==> flow/design.v <==
module ex_aligner_mod (CLK, srst, ch, amt, result);
  parameter integer NBITS = 8;
  localparam integer SW = $clog2(NBITS);
  input CLK;
  input srst;
  input [NBITS-1:0] ch;
  input [SW-1:0] amt;
  output [NBITS-1:0] result;
  wire [NBITS-1:0] nd [0:SW];
  assign nd[0] = ch;
  genvar i;
  generate
    for (i = 0; i < SW; i = i + 1) begin : slice
      assign nd[i+1] = amt[i] ? nd[i] >> (1 << i) : nd[i];
    end
  endgenerate
  reg [NBITS-1:0] result_s;
  assign result = result_s;
  always @(posedge CLK or posedge srst) begin
    if (srst) begin
      result_s <= 0;
    end else begin
      result_s <= nd[SW];
    end
  end
endmodule
# --- Tool chain data of ex_aligner_mod ---
# Module ex_aligner_mod in several versions that differ in "NBITS"; each step lists the members.
# The file above is the member NBITS=8. Line numbers count from 1 in each member's own file.
# Cell names lack the library's common part.
design:
  design: "ex_aligner_mod"
  clk_port: "CLK"
  library: "sky130hd"
  pvt_corner: "tt_025C_1v80"

# --- Members of the sweep ---
# New or changed lines of each further member against the RTL above, in its own file; lines it lacks are not shown.
changed_lines:
  columns: ["NBITS", "line", "rtl"]
  rows:
  - [10, 2, "parameter integer NBITS = 10;"]
  - [28, 2, "parameter integer NBITS = 28;"]
  - [40, 2, "parameter integer NBITS = 40;"]
  - [96, 2, "parameter integer NBITS = 96;"]

# --- Word-level counts ---
# Counts by Yosys on the flattened word-level netlist (proc, flatten, opt, wreduce; memories kept). Register bits leave out memories and registers merged into their read ports (data or address); mux counts leave out enables and synchronous resets folded into registers. Print and check cells are left out. Cells with the same type and inputs are merged into one.
classes:
  columns: ["NBITS", "mux"]
  rows:
  - [8, 3]
  - [10, 4]
  - [28, 5]
  - [40, 6]
  - [96, 7]
op_table:
  columns: ["NBITS", "op_list"]
  rows:
  - [8, "two-way mux 8 bit (3)"]
  - [10, "two-way mux 10 bit (4)"]
  - [28, "two-way mux 28 bit (5)"]
  - [40, "two-way mux 40 bit (6)"]
  - [96, "two-way mux 96 bit (7)"]
bits:
  columns: ["NBITS", "output_inout_bits", "ff_bits", "word_cells", "inputBits"]
  rows:
  - [8, 8, 8, 4, 13]
  - [10, 10, 10, 5, 16]
  - [28, 28, 28, 6, 35]
  - [40, 40, 40, 7, 48]
  - [96, 96, 96, 8, 105]

# --- Depth ---
# Yosys ltp: most cells in a row. Word level: on the elaborated netlist, between registers, memories and ports. Mapped: between sequential cells and ports; inverters and the memories' decode and read muxes count.
depth:
  columns: ["NBITS", "depth_word", "ABC_AREA", "mapped_depth", "mapped_depth_nobuf"]
  rows:
  - [8, 3, 0, 4, 3]
  - [10, 4, 0, 4, 3]
  - [28, 5, 0, 7, 4]
  - [40, 6, 0, 9, 5]
  - [96, 7, 0, 11, 6]

# --- Mapped cells and area ---
# Yosys stat after the flow's synthesis: flattened, memories mapped to cells. It holds for the ABC_AREA given above (unset counts as 0); a run with the other value may have another netlist.
# The area totals of this step are shown rounded.
mapped:
  columns: ["NBITS", "mapped_area_mm2", "cell_count", "seq_area_mm2", "flip_flops", "buf_cells"]
  rows:
  - [8, 0.0004542, 37, 0.0002002, 8, 3]
  - [10, 0.0005868, 52, 0.0002502, 10, 3]
  - [28, 0.002165, 200, 0.0007007, 28, 17]
  - [40, 0.003412, 325, 0.001001, 40, 32]
  - [96, 0.01049, 987, 0.002402, 96, 98]
types:
  columns: ["NBITS", "cell_types"]
  rows:
  - [8, "dfrtp_1 (8); mux2i_1 (7); buf_6 (2); mux2_2 (2); mux4_2 (1); mux2_4 (1); nand2b_1 (2); o22ai_2 (1); nor3_1 (2); o21ai_0 (2); a21oi_2 (1); a211oi_1 (1); nand3b_1 (1); o21a_1 (1); nor2_2 (1); nor2b_1 (1); buf_2 (1); inv_1 (1); nor2_1 (1)"]
  - [10, "dfrtp_1 (10); mux2_4 (3); mux4_2 (2); mux2i_1 (4); nor2_1 (9); buf_6 (2); mux2_2 (2); o221ai_1 (2); o32ai_1 (2); a2bb2oi_2 (1); nand2_1 (4); nand2b_1 (2); o22ai_1 (2); a211oi_1 (1); nor2b_1 (1); or2_0 (1); or2_1 (1); clkbuf_1 (1); [+2]"]
  - [28, "dfrtp_1 (28); mux4_2 (19); mux2i_1 (21); mux2_2 (8); nor2_1 (20); a211oi_1 (7); nand2_1 (12); a22oi_1 (5); nor2b_1 (5); o22ai_1 (5); buf_2 (6); mux2_4 (2); nand3_1 (6); clkbuf_1 (7); o221ai_1 (3); o21ai_1 (5); buf_6 (2); nand3b_1 (3); [+36]"]
  - [40, "dfrtp_1 (40); mux2i_1 (42); mux4_2 (17); mux2_2 (22); mux4_1 (9); nor2_1 (37); buf_6 (7); nand2_1 (20); o21ai_0 (13); o22ai_1 (10); a21oi_1 (11); a211oi_1 (6); clkbuf_1 (12); nor3_1 (8); nand2b_1 (6); buf_2 (6); buf_4 (4); a2111oi_4 (1); [+54]"]
  - [96, "mux4_2 (112); dfrtp_1 (96); mux2_2 (87); mux2i_1 (89); nor2_1 (110); nand2_1 (107); mux4_1 (13); o22ai_1 (25); o21ai_0 (31); clkbuf_1 (38); a21oi_1 (25); buf_12 (6); o211ai_1 (16); a211oi_1 (15); buf_6 (10); buf_2 (21); o221ai_1 (10); nor3_1 (15); [+161]"]
# A list marked [+n] leaves out that many cells.

# --- Path before layout ---
# OpenSTA on the mapped netlist: ideal clock, no wires. The path of least setup slack (recovery checks aside). Input and output delay are each 20% of the period. Register names are those of the netlist, which keeps one name where synthesis merged equal registers.
synth_timing:
  columns: ["NBITS", "path_kind", "start", "end", "clock_period_ps", "path_delay_ps", "path_slack_ps", "stages", "period_less_setup_slack_ps"]
  rows:
  - [8, "input-to-reg", "input port amt[0]", "register result_s[0]", 1360, 869, 219, 4, 1141]
  - [10, "input-to-reg", "input port amt[0]", "register result_s[0]", 1380, 886, 219, 4, 1161]
  - [28, "input-to-reg", "input port amt[0]", "register result_s[4]", 2160, 1384, 344, 6, 1816]
  - [40, "input-to-reg", "input port amt[1]", "register result_s[9]", 2580, 1653, 411, 7, 2169]
  - [96, "input-to-reg", "input port amt[0]", "register result_s[5]", 3210, 2052, 516, 9, 2694]
# "path_delay_ps" is the arrival time less input delay plus setup time.
# "stages": output pins that drive a net of the path, with the launching flip-flop's if there is one; two outputs of one cell count as two.
# "period_less_setup_slack_ps" = period - worst setup slack (recovery checks aside). The figure is calculated, with input and output delays left at 20% of the set period.
# Between the ends stands the longest chain of elaborated cells between them, by number of cells; it is not shown to be the way that was timed. Of several equally long chains one is given.
# Each line given opens the expression or statement behind the cell; cells for indexed reads and writes are added by Yosys, which also makes memories of some case tables.
synth_via_NBITS_8:
  elab_chain_len: 3
synth_rtl_NBITS_8:
  columns: ["item", "line", "rtl"]
  rows:
  - ["from (decl)", 7, "input [SW-1:0] amt;"]
  - ["two-way mux 8 bit (3 in a row)", 14, "assign nd[i+1] = amt[i] ? nd[i] >> (1 << i) : nd[i];"]
  - ["to (assign)", 21, "result_s <= 0;"]
  - ["to (assign)", 23, "result_s <= nd[SW];"]
  - ["to (decl)", 17, "reg [NBITS-1:0] result_s;"]
synth_via_NBITS_96:
  elab_chain_len: 7
synth_rtl_NBITS_96:
  columns: ["item", "line", "rtl"]
  rows:
  - ["from (decl)", 7, "input [SW-1:0] amt;"]
  - ["two-way mux 96 bit (7 in a row)", 14, "assign nd[i+1] = amt[i] ? nd[i] >> (1 << i) : nd[i];"]
  - ["to (assign)", 21, "result_s <= 0;"]
  - ["to (assign)", 23, "result_s <= nd[SW];"]
  - ["to (decl)", 17, "reg [NBITS-1:0] result_s;"]

# --- Worst path after layout ---
# From the final timing report of each member's run: the path of least setup slack in the routed layout; clock arrival at registers is part of the times.
# The report prints the path's times to 10 ps; the period is as set.
layout_timing:
  columns: ["NBITS", "path_kind", "start", "end", "arrival_ps", "path_slack_ps", "path_buffers", "stages", "clock_period_ps"]
  rows:
  - [8, "input-to-reg", "input port ch[5]", "register result_s[0]", 1390, 100, 1, 4, 1360]
  - [10, "input-to-reg", "input port ch[4]", "register result_s[1]", 1390, 110, 1, 4, 1380]
  - [28, "input-to-reg", "input port amt[2]", "register result_s[6]", 2130, 170, 2, 6, 2160]
  - [40, "input-to-reg", "input port amt[0]", "register result_s[1]", 2490, 260, 2, 6, 2580]
  - [96, "input-to-reg", "input port ch[49]", "register result_s[14]", 3210, 280, 2, 8, 3210]

# --- Measured runs ---
# One run of the flow (Yosys, OpenROAD) for each member, with settings and measured results. Input and output delays are each 20% of the period that was set; the output load is 0.01 pF.
settings:
  CAP_MARGIN: 20
  CORE_MARGIN: 2
  CORE_UTILIZATION: 40
  SLEW_MARGIN: 20
settings_by_member:
  columns: ["NBITS", "period_ns"]
  rows:
  - [8, 1.36]
  - [10, 1.38]
  - [28, 2.16]
  - [40, 2.58]
  - [96, 3.21]
results:
  columns: ["NBITS", "fin_ws_ps", "clock_period_reached_ps", "design.die.area_mm2", "finish.utilization_pct", "fin_power_uw", "synthesis_area_mm2", "setupTns_ps", "layout_stdcell_area_mm2"]
  rows:
  - [8, 105, 1255, 0.001421, 69.4, 614.6, 0.0004542, 0, 0.0007507]
  - [10, 111, 1269, 0.001789, 69.1, 771.8, 0.0005868, 0, 0.0009221]
  - [28, 165, 1995, 0.006016, 60.4, 1510, 0.002165, 0, 0.003124]
  - [40, 259, 2321, 0.009285, 55.3, 1837, 0.003412, 0, 0.004569]
  - [96, 283, 2927, 0.02754, 52.6, 4898, 0.01049, 0, 0.01362]
# "clock_period_reached_ps" = clock period - worst setup slack. The figure is calculated, with input and output delays left at 20% of the set period.
# By "fin_power_uw" is meant OpenSTA's value without simulated activity: inputs other than the clock are taken to toggle once in ten clock periods, and the tool carries that through the logic.
# The measured numbers are rounded.
